==> flow/design.v <==
module gen_order_rtl #(
    parameter XLEN = 4,
    parameter LANES = 7
) (
    input logic CLK,
    input logic srst,
    input logic [LANES*XLEN-1:0] i_ch,
    output logic [XLEN-1:0] o_high
);
    logic [LANES*XLEN-1:0] ch_reg;
    always_ff @(posedge CLK or posedge srst) begin
        if (srst) begin
            ch_reg <= '0;
        end else begin
            ch_reg <= i_ch;
        end
    end
    logic [XLEN-1:0] val;
    always_comb begin
        val = ch_reg[XLEN-1:0];
        for (int idx = 1; idx < LANES; idx++)
            if (ch_reg[idx*XLEN +: XLEN] > val) val = ch_reg[idx*XLEN +: XLEN];
    end
    always_ff @(posedge CLK or posedge srst) begin
        if (srst) begin
            o_high <= '0;
        end else begin
            o_high <= val;
        end
    end
endmodule
Tool chain data of gen_order_rtl
Tool output for the design above, in the order of the flow.
Lines are those of the file above, counted from 1.
The mark n/a stands for no value.
- top: gen_order_rtl
- clock input: CLK
- standard-cell library: sky130hd
- library corner: tt_025C_1v80

Elaborated design
Source: Yosys, flattened and elaborated, memories not mapped. Widths are those after wreduce; folded enables and synchronous resets count as part of the registers. Registers that Yosys merges into a memory's read port (data or address) are not register bits. Print and check cells do not count. Equal cells are merged and count once.
- noted magnitude comparators: 6
- noted div/mod/pow operators: 0
- bitwise logic cells: 0
- add/sub/neg operators at 0
- noted mux-type cells: 6
- noted reductions and logical operators: 0
- shift operators at 0
- noted eq/ne operators: 0
- noted multiply operators: 0
- operators with widths (kind ; count):
    greater-than comparator 4 bit ; 6
    2-to-1 mux 4 bit ; 6
- memory bits (read-only) at 0
- bits in registers at 32
- input bits at 30
- bits in writable memories at 0
- output and inout bits at 4
- noted latch bits: 0
- memories: 0
- word width x clocked read ports at 0

Longest topological paths
Longest topological path by Yosys (ltp), each cell counted once; first at word level (registers and memories cut), then after technology mapping (sequential cells cut; the memories' decode and read muxes count).
- depth in word-level cells at 12
- ABC_AREA at 0
- noted depth in mapped cells: 47
- depth with buffers taken out at 47

Mapped cells and area
The flow's flattened synthesis, as Yosys stat reports it; memories are mapped. The netlist is that of the ABC_AREA named above (0 if unset); the other value can give another one.
The area totals of this step are shown rounded.
- noted mapped cells: 188
- noted mapped area: 0.001902 mm²
- noted sequential part of the area: 0.0008008 mm²
- buffer cells at 0
- flip-flops at 32
- cells by type (cell ; count):
    sky130_fd_sc_hd__dfrtp_1 ; 32
    sky130_fd_sc_hd__ha_1 ; 18
    sky130_fd_sc_hd__inv_1 ; 19
    sky130_fd_sc_hd__a21oi_1 ; 12
    sky130_fd_sc_hd__o21ai_0 ; 12
    sky130_fd_sc_hd__nor2_1 ; 15
    sky130_fd_sc_hd__mux2_2 ; 3
    sky130_fd_sc_hd__nand2_1 ; 9
    sky130_fd_sc_hd__mux2i_1 ; 3
    sky130_fd_sc_hd__o21a_1 ; 4
    sky130_fd_sc_hd__o2111ai_1 ; 3
    sky130_fd_sc_hd__nand2b_1 ; 4
    sky130_fd_sc_hd__o31ai_1 ; 3
    sky130_fd_sc_hd__a21bo_2 ; 2
    sky130_fd_sc_hd__a41o_1 ; 2
    sky130_fd_sc_hd__nor3_1 ; 4
    sky130_fd_sc_hd__a31oi_1 ; 3
    sky130_fd_sc_hd__or3_1 ; 3
Other cell types: 30; their cells: 37.

Path before layout
Source: OpenSTA report_checks on the synthesized netlist (no wires, ideal clock, input and output delay 20% of the period each), path of least setup slack; recovery checks are left aside. Register names are those of the netlist, which keeps one name where synthesis merged equal registers.
- path type: flip-flop to flip-flop
- start: reg ch_reg[5]
- end: reg o_high[2]
- delay of the path: 7.920 ns
- required time: 9.805 ns
- slack at 1.980 ns
- clock period: 9.9 ns
- noted launch time at the first pin: 0.000 ns
- data arrival time at 7.825 ns
- noted path buffers: 0
- stages at 41
- setup time at 0.095 ns
- noted synthesis period reached: 7.92 ns
"delay of the path" is the arrival time less input delay plus setup time.
"stages": output pins that drive a net of the path, with the launching flip-flop's if there is one; two outputs of one cell count as two.
"synthesis period reached" is the clock period less the worst setup slack; recovery checks do not enter. This is arithmetic on one report: input and output delays are still those of the set period (20% each).
Between the ends stands the longest chain of elaborated cells between them, by number of cells; it is not shown to be the way that was timed. Of several equally long chains one is given.
Each line given opens the expression or statement behind the cell; cells for indexed reads and writes are added by Yosys, which also makes memories of some case tables.
- cells stage by stage: sky130_fd_sc_hd__dfrtp_1 > sky130_fd_sc_hd__ha_1 > sky130_fd_sc_hd__nor2b_4 > sky130_fd_sc_hd__nor4_1 > sky130_fd_sc_hd__nor2_1 > sky130_fd_sc_hd__mux2_2 > sky130_fd_sc_hd__ha_1 > sky130_fd_sc_hd__a41o_1 > sky130_fd_sc_hd__a21oi_1 > sky130_fd_sc_hd__o21a_1 > sky130_fd_sc_hd__or2_2 > sky130_fd_sc_hd__o21ai_0 > sky130_fd_sc_hd__inv_1 > sky130_fd_sc_hd__ha_1 > sky130_fd_sc_hd__nand2_1 > sky130_fd_sc_hd__or3_1 > sky130_fd_sc_hd__and3_1 > sky130_fd_sc_hd__or4b_4 > [... 5 more ...] > sky130_fd_sc_hd__nand4_1 > sky130_fd_sc_hd__o211ai_2 > sky130_fd_sc_hd__a211oi_1 > sky130_fd_sc_hd__or3_1 > sky130_fd_sc_hd__o21ai_0 > sky130_fd_sc_hd__ha_1 > sky130_fd_sc_hd__a21oi_1 > sky130_fd_sc_hd__nor2_1 > sky130_fd_sc_hd__mux2_2 > sky130_fd_sc_hd__a2111oi_2 > sky130_fd_sc_hd__or2_1 > sky130_fd_sc_hd__ha_1 > sky130_fd_sc_hd__o21ai_0 > sky130_fd_sc_hd__nand2b_1 > sky130_fd_sc_hd__a21oi_1 > sky130_fd_sc_hd__a41o_1 > sky130_fd_sc_hd__inv_1 > sky130_fd_sc_hd__o31ai_1
- length of the longest elaborated chain at 12
- ends and longest elaborated chain, post-synthesis (item ; RTL line ; RTL):
    start: declaration ; 10 ; logic [LANES*XLEN-1:0] ch_reg;
    start: assignment ; 13 ; ch_reg <= '0;
    start: assignment ; 15 ; ch_reg <= i_ch;
    greater-than comparator 4 bit ; 22 ; if (ch_reg[idx*XLEN +: XLEN] > val) val = ch_reg[idx*XLEN +: XLEN];
    2-to-1 mux 4 bit ; 22 ;
    greater-than comparator 4 bit ; 22 ;
    2-to-1 mux 4 bit ; 22 ;
    greater-than comparator 4 bit ; 22 ;
    2-to-1 mux 4 bit ; 22 ;
    greater-than comparator 4 bit ; 22 ;
    2-to-1 mux 4 bit ; 22 ;
    greater-than comparator 4 bit ; 22 ;
    2-to-1 mux 4 bit ; 22 ;
    greater-than comparator 4 bit ; 22 ;
    2-to-1 mux 4 bit ; 22 ;
    end: assignment ; 26 ; o_high <= '0;
    end: assignment ; 28 ; o_high <= val;
    end: declaration ; 8 ; output logic [XLEN-1:0] o_high

Path in the finished layout
From the final timing report of run 1: the path of least setup slack in the routed layout; clock arrival at registers is part of the times.
- path type: flip-flop to flip-flop
- start: reg ch_reg[5]
- end: reg o_high[2]
- data arrival time at 9.25 ns
- setup time at 0.09 ns
- noted path buffers: 0
- stages at 42
- noted launch time at the first pin: 0.28 ns
- clock period: 9.9 ns
- required time: 10.09 ns
- slack at 0.84 ns
Between the ends stands the longest chain of elaborated cells between them, by number of cells; it is not shown to be the way that was timed. Of several equally long chains one is given.
- cells stage by stage: sky130_fd_sc_hd__dfrtp_1 > sky130_fd_sc_hd__ha_1 > sky130_fd_sc_hd__nor2b_4 > sky130_fd_sc_hd__nor4_1 > sky130_fd_sc_hd__nor2_1 > sky130_fd_sc_hd__a21oi_1 > sky130_fd_sc_hd__ha_1 > sky130_fd_sc_hd__a21oi_1 > sky130_fd_sc_hd__a41o_1 > sky130_fd_sc_hd__a21oi_1 > sky130_fd_sc_hd__o21a_1 > sky130_fd_sc_hd__or2_2 > sky130_fd_sc_hd__o21ai_0 > sky130_fd_sc_hd__inv_1 > sky130_fd_sc_hd__ha_1 > sky130_fd_sc_hd__nand2_1 > sky130_fd_sc_hd__or3_1 > sky130_fd_sc_hd__and3_1 > [... 6 more ...] > sky130_fd_sc_hd__nand4_1 > sky130_fd_sc_hd__o211ai_2 > sky130_fd_sc_hd__a211oi_1 > sky130_fd_sc_hd__or3_1 > sky130_fd_sc_hd__o21ai_0 > sky130_fd_sc_hd__ha_1 > sky130_fd_sc_hd__a21oi_1 > sky130_fd_sc_hd__nor2_1 > sky130_fd_sc_hd__mux2_2 > sky130_fd_sc_hd__a2111oi_2 > sky130_fd_sc_hd__or2_1 > sky130_fd_sc_hd__ha_1 > sky130_fd_sc_hd__o21ai_0 > sky130_fd_sc_hd__nand2b_1 > sky130_fd_sc_hd__a21oi_1 > sky130_fd_sc_hd__a41o_1 > sky130_fd_sc_hd__inv_1 > sky130_fd_sc_hd__o31ai_1
- length of the longest elaborated chain at 12
- ends and longest elaborated chain, after layout (item ; RTL line ; RTL):
    start: declaration ; 10 ; logic [LANES*XLEN-1:0] ch_reg;
    start: assignment ; 13 ; ch_reg <= '0;
    start: assignment ; 15 ; ch_reg <= i_ch;
    greater-than comparator 4 bit ; 22 ; if (ch_reg[idx*XLEN +: XLEN] > val) val = ch_reg[idx*XLEN +: XLEN];
    2-to-1 mux 4 bit ; 22 ;
    greater-than comparator 4 bit ; 22 ;
    2-to-1 mux 4 bit ; 22 ;
    greater-than comparator 4 bit ; 22 ;
    2-to-1 mux 4 bit ; 22 ;
    greater-than comparator 4 bit ; 22 ;
    2-to-1 mux 4 bit ; 22 ;
    greater-than comparator 4 bit ; 22 ;
    2-to-1 mux 4 bit ; 22 ;
    greater-than comparator 4 bit ; 22 ;
    2-to-1 mux 4 bit ; 22 ;
    end: assignment ; 26 ; o_high <= '0;
    end: assignment ; 28 ; o_high <= val;
    end: declaration ; 8 ; output logic [XLEN-1:0] o_high

Memo
Re: implementation data of gen_order_rtl

Module gen_order_rtl, platform sky130hd: 3 stored runs of the flow (Yosys, OpenROAD) with differing settings, in no particular order. Input and output delays are each 20% of the period that was set; the output load is 0.01 pF.
"allowed time less slack (worst setup path)" is the time allowed to the run's worst setup path (the clock period less input and output delay, where it has them) less its slack. Clock arrival times count: a late capture clock shortens it, a late launch clock lengthens it.
By "total design power" is meant OpenSTA's value without simulated activity: inputs other than the clock are taken to toggle once in ten clock periods, and the tool carries that through the logic.
Results are given in rounded form.

Run 1

==> flow/run.sh <==
#!/bin/bash
# the make line also repeats the synthesis and layout settings of config.mk as NAME=value (left out here)
make -C /OpenROAD-flow-scripts/flow DESIGN_CONFIG=/design/flow/config.mk WORK_HOME=/design/flow/orfs CLKGATE_MAP_FILE= finish
==> flow/config.mk <==
export PLATFORM = sky130hd
export DESIGN_NAME = gen_order_rtl
export DESIGN_NICKNAME = gen_order_rtl
export VERILOG_FILES = /design/flow/design.v
export SDC_FILE = /design/flow/constraint.sdc
export NUM_CORES = 4
export LEC_CHECK = 0
export CAP_MARGIN = 20
export CORE_MARGIN = 2
export CORE_UTILIZATION = 40
export SLEW_MARGIN = 20
==> flow/constraint.sdc <==
create_clock -name core_clock -period 9.9 [get_ports {CLK}]
set_input_delay 1.9800 -clock core_clock [delete_from_list [all_inputs] [get_ports {CLK}]]
set_output_delay 1.9800 -clock core_clock [all_outputs]
set_load 0.01 [all_outputs]

Measured in run 1:
- total negative slack on setup checks: 0.000 ns
- allowed time less slack (worst setup path): 9.06 ns
- kind of the worst setup path: flip-flop to flip-flop
- standard-cell area of the final layout: 0.002401 mm²
- noted the lowest setup slack: 0.836 ns
- worst hold slack in the final report at 0.498 ns
- synthesized cell area at 0.001902 mm²
- noted the area of the die: 0.005322 mm²
- total design power at 609.3 µW

Run 2

==> flow/run.sh <==
#!/bin/bash
# the make line also repeats the synthesis and layout settings of config.mk as NAME=value (left out here)
make -C /OpenROAD-flow-scripts/flow DESIGN_CONFIG=/design/flow/config.mk WORK_HOME=/design/flow/orfs CLKGATE_MAP_FILE= finish
==> flow/config.mk <==
export PLATFORM = sky130hd
export DESIGN_NAME = gen_order_rtl
export DESIGN_NICKNAME = gen_order_rtl
export VERILOG_FILES = /design/flow/design.v
export SDC_FILE = /design/flow/constraint.sdc
export NUM_CORES = 4
export LEC_CHECK = 0
export ABC_AREA = 0
export CAP_MARGIN = 20
export CELL_PAD_IN_SITES_GLOBAL_PLACEMENT = 1
export CORE_ASPECT_RATIO = 0.6
export CORE_MARGIN = 9
export CORE_UTILIZATION = 22
export GPL_ROUTABILITY_DRIVEN = 0
export GPL_TIMING_DRIVEN = 1
export MAX_ROUTING_LAYER = met5
export MIN_ROUTING_LAYER = met2
export PLACE_DENSITY_LB_ADDON = 0.19
export SLEW_MARGIN = 20
==> flow/constraint.sdc <==
create_clock -name core_clock -period 9.34 [get_ports {CLK}]
set_input_delay 1.8680 -clock core_clock [delete_from_list [all_inputs] [get_ports {CLK}]]
set_output_delay 1.8680 -clock core_clock [all_outputs]
set_load 0.01 [all_outputs]

Measured in run 2:
- total negative slack on setup checks: 0.000 ns
- allowed time less slack (worst setup path): 8.51 ns
- kind of the worst setup path: flip-flop to flip-flop
- standard-cell area of the final layout: 0.002594 mm²
- noted the lowest setup slack: 0.827 ns
- worst hold slack in the final report at 0.512 ns
- synthesized cell area at 0.001902 mm²
- noted the area of the die: 0.01243 mm²
- total design power at 756.9 µW

Run 3

==> flow/run.sh <==
#!/bin/bash
# the make line also repeats the synthesis and layout settings of config.mk as NAME=value (left out here)
make -C /OpenROAD-flow-scripts/flow DESIGN_CONFIG=/design/flow/config.mk WORK_HOME=/design/flow/orfs CLKGATE_MAP_FILE= finish
==> flow/config.mk <==
export PLATFORM = sky130hd
export DESIGN_NAME = gen_order_rtl
export DESIGN_NICKNAME = gen_order_rtl
export VERILOG_FILES = /design/flow/design.v
export SDC_FILE = /design/flow/constraint.sdc
export NUM_CORES = 4
export LEC_CHECK = 0
export CAP_MARGIN = 20
export CELL_PAD_IN_SITES_DETAIL_PLACEMENT = 1
export CELL_PAD_IN_SITES_GLOBAL_PLACEMENT = 2
export CORE_ASPECT_RATIO = 1.39
export CORE_MARGIN = 2
export CORE_UTILIZATION = 59
export CTS_CLUSTER_DIAMETER = 203
export GPL_ROUTABILITY_DRIVEN = 1
export GPL_TIMING_DRIVEN = 0
export MIN_ROUTING_LAYER = met2
export PLACE_DENSITY_LB_ADDON = 0.08
export SETUP_SLACK_MARGIN = 0.43
export SLEW_MARGIN = 0
export TNS_END_PERCENT = 35
==> flow/constraint.sdc <==
create_clock -name core_clock -period 5.71 [get_ports {CLK}]
set_input_delay 1.1420 -clock core_clock [delete_from_list [all_inputs] [get_ports {CLK}]]
set_output_delay 1.1420 -clock core_clock [all_outputs]
set_load 0.01 [all_outputs]

Run 3: no final report: placement broke off with FLW-0024.
